==> flow/design.v <==
module reg_file_p (i_clk, wen, write_addr, wr_data, rsel, read_data);
   parameter NUM_REGS = 96;
   parameter XLEN = 16;
   parameter N_READ = 2;
   localparam ADDR_W = $clog2(NUM_REGS);
   input i_clk;
   input wen;
   input [ADDR_W-1:0] write_addr;
   input [XLEN-1:0] wr_data;
   input [N_READ*ADDR_W-1:0] rsel;
   output [N_READ*XLEN-1:0] read_data;
   reg [XLEN-1:0] rf [0:NUM_REGS-1];
   always @(posedge i_clk) begin
      if (wen)
         rf[write_addr] <= wr_data;
   end
   wire [N_READ*XLEN-1:0] r;
   genvar m;
   generate
      for (m = 0; m < N_READ; m = m + 1) begin : stage
         assign r[m*XLEN +: XLEN] = rf[rsel[m*ADDR_W +: ADDR_W]];
      end
   endgenerate
   assign read_data = r;
endmodule
# Tool chain data of reg_file_p
# The steps from the RTL of reg_file_p to its reports follow in flow order.
# Lines are those of the file above, counted from 1.
# Library cell names are shortened.
# A cell with - has no value.
[inputs]
top = "reg_file_p"
clk_port = "i_clk"
cell_library = "sky130hd"
corner = "tt_025C_1v80"

# Elaborated design
# Yosys after proc, flatten, opt, wreduce and memory -nomap, before mapping. Enables and synchronous resets that opt folds into registers are not counted as muxes. Memory bits, and registers merged into a memory's read port (data or address), are not among the register bits. Print and check cells are not counted. Equal cells are merged and count once.
# Yosys's memory passes give these memory sizes; they may raise the number of words (mostly to a power of two), join words into wider ones and drop unused or constant bits.
[classes]
muxes = 3
[op_table]
columns = ["cell", "count"]
rows = [
  ["two-way mux 16 bit", 1],
  ["two-way mux 7 bit", 1],
  ["two-way mux 1 bit", 1],
]
[bits]
input_bits = 39
mem_count = 1
ff_bits = 0
mem_bits_rw = 1536
out_inout_bits = 32
elab_cells = 4
[mem_list]
columns = ["memory", "size", "word_bits", "read_ports", "wr", "line_no", "rtl"]
rows = [
  ["rf", 96, 16, 2, 1, 12, "reg [XLEN-1:0] rf [0:NUM_REGS-1];"],
]

# Longest topological paths
# Longest topological path by Yosys (ltp), each cell counted once; first at word level (registers and memories cut), then after technology mapping (sequential cells cut; the memories' decode and read muxes count).
[logic_depth]
word_depth = 1
abc_area = 0
mapped_depth = 10
ltp_nobuf = 5

# After synthesis
# The flow's flattened synthesis, as Yosys stat reports it; memories are mapped. The netlist is that of the ABC_AREA named above (0 if unset); the other value can give another one.
# Totals and module areas in this step are rounded.
[synth_totals]
stdcells = 3449
seqArea_um2 = 46120
mapped_area_um2 = 70670
ffs = 1536
[by_type]
columns = ["cell_type", "count"]
rows = [
  ["edfxtp_1", 1536],
  ["mux4_2", 788],
  ["mux2i_1", 120],
  ["a22oi_1", 94],
  ["o22ai_1", 84],
  ["nor2_1", 138],
  ["buf_2", 101],
  ["clkbuf_1", 92],
  ["nand3_1", 66],
  ["buf_4", 42],
  ["o221ai_1", 33],
  ["nand2_1", 76],
  ["a21oi_1", 53],
  ["o211ai_1", 30],
  ["nor2b_1", 23],
  ["a211oi_1", 16],
  ["buf_6", 10],
  ["o2111ai_1", 11],
]
# Not listed: further types 19, cells in them 136.

# Path before layout
# OpenSTA on the mapped netlist: ideal clock, no wires. The path of least setup slack (recovery checks aside). Input and output delay are each 20% of the period. Register names are those of the netlist, which keeps one name where synthesis merged equal registers.
[synth_timing]
kind = "in2out"
start = "input rsel[1]"
end = "output read_data[14]"
tclk_ns = 3.6
path_stages = 8
delay_ns = 1.727
output_delay_ns = 0.720
arrival_ns = 2.447
required_time_ns = 2.880
setup_slack_ns = 0.433
period_less_setup_slack_ns = 3.167
# "delay_ns" = arrival - input delay + setup time.
# A path that ends at an output port has no setup time.
# "path_stages": output pins that drive a net of the path, with the launching flip-flop's if there is one; two outputs of one cell count as two.
# "period_less_setup_slack_ns" is the clock period less the worst setup slack; recovery checks do not enter. This is arithmetic on one report: input and output delays are still those of the set period (20% each).
# Between the ends stands the longest chain of elaborated cells between them, by number of cells; it is not shown to be the way that was timed. Of several equally long chains one is given.
# A line is the first line of the expression or statement that the cell stems from. Yosys adds cells for indexed reads and writes and turns some case tables into memories.
# A memory read counts as a cell of the chain, while the word-level depth stops at memories.
[synth_between]
cell_sequence = "buf_2 > buf_4 > buf_2 > mux4_2 > a22oi_1 > nand3_1 > a211oi_1 > nand2_1"
elab_chain_len = 1
cone_cells = 1
cone_classes = "memory (1)"
[synth_lines]
columns = ["element", "line_no", "rtl"]
rows = [
  ["start, declared", 10, "input [N_READ*ADDR_W-1:0] rsel;"],
  ["memory (96 x 16 bit)", 12, "reg [XLEN-1:0] rf [0:NUM_REGS-1];"],
  ["end, declared", 11, "output [N_READ*XLEN-1:0] read_data;"],
]

# Path in the finished layout
# From the final timing report of record 1: the path of least setup slack in the routed layout; clock arrival at registers is part of the times.
[layout_timing]
kind = "reg2out"
start = "memory rf[14][4]"
end = "output read_data[20]"
required_time_ns = 2.88
setup_slack_ns = -0.81
arrival_ns = 3.69
tclk_ns = 3.6
output_delay_ns = 0.72
path_stages = 7
# Between the ends stands the longest chain of elaborated cells between them, by number of cells; it is not shown to be the way that was timed. Of several equally long chains one is given.
# A memory read counts as a cell of the chain, while the word-level depth stops at memories.
[layout_between]
cell_sequence = "edfxtp_1 > mux4_2 > mux4_2 > o211ai_1 > buf_4 > o211ai_1 > buf_2"
elab_chain_len = 1
cone_cells = 1
cone_classes = "memory (1)"
[layout_lines]
columns = ["element", "line_no", "rtl"]
rows = [
  ["start, declared", 12, "reg [XLEN-1:0] rf [0:NUM_REGS-1];"],
  ["memory (96 x 16 bit)", 12, ""],
  ["end, declared", 11, "output [N_READ*XLEN-1:0] read_data;"],
]

# Stored flow runs of reg_file_p (2 of them; Yosys, OpenROAD, sky130hd). They differ in their settings and are not a sequence. Constraints: input delay and output delay 20% of the set period each, output load 0.01 pF.
# "worst_path_ns" = time allowed to the worst setup path (clock period - input delay - output delay, where it has them) - its slack; a late launch clock adds to it, a late capture clock takes from it.
# The results are shown rounded.

[[run]]
name = "record 1"
[run.settings]
period_ns = 3.6
CAP_MARGIN = 20
CORE_MARGIN = 2
CORE_UTILIZATION = 40
SLEW_MARGIN = 20
[run.results]
synth_chip_area_um2 = 70670
design_die_area_um2 = 180100
util_frac = 0.504
setup_worst_slack_ns = -0.814
setupTns_ns = -4.442
worst_path_ns = 3.69
path_kind = "reg2out"

[[run]]
name = "record 2"
[run.settings]
period_ns = 1.96
CORE_UTILIZATION = 33
SETUP_SLACK_MARGIN = 0.44
PLACE_DENSITY_LB_ADDON = 0.04
CORE_ASPECT_RATIO = 1.28
CORE_MARGIN = 9
TNS_END_PERCENT = 85
GPL_TIMING_DRIVEN = 0
GPL_ROUTABILITY_DRIVEN = 1
SLEW_MARGIN = 0
MAX_ROUTING_LAYER = "met4"
CAP_MARGIN = 20
[run.results]
synth_chip_area_um2 = 70670
design_die_area_um2 = 231300
util_frac = 0.421
setup_worst_slack_ns = -2.115
setupTns_ns = -50.74
worst_path_ns = 3.68
path_kind = "reg2out"
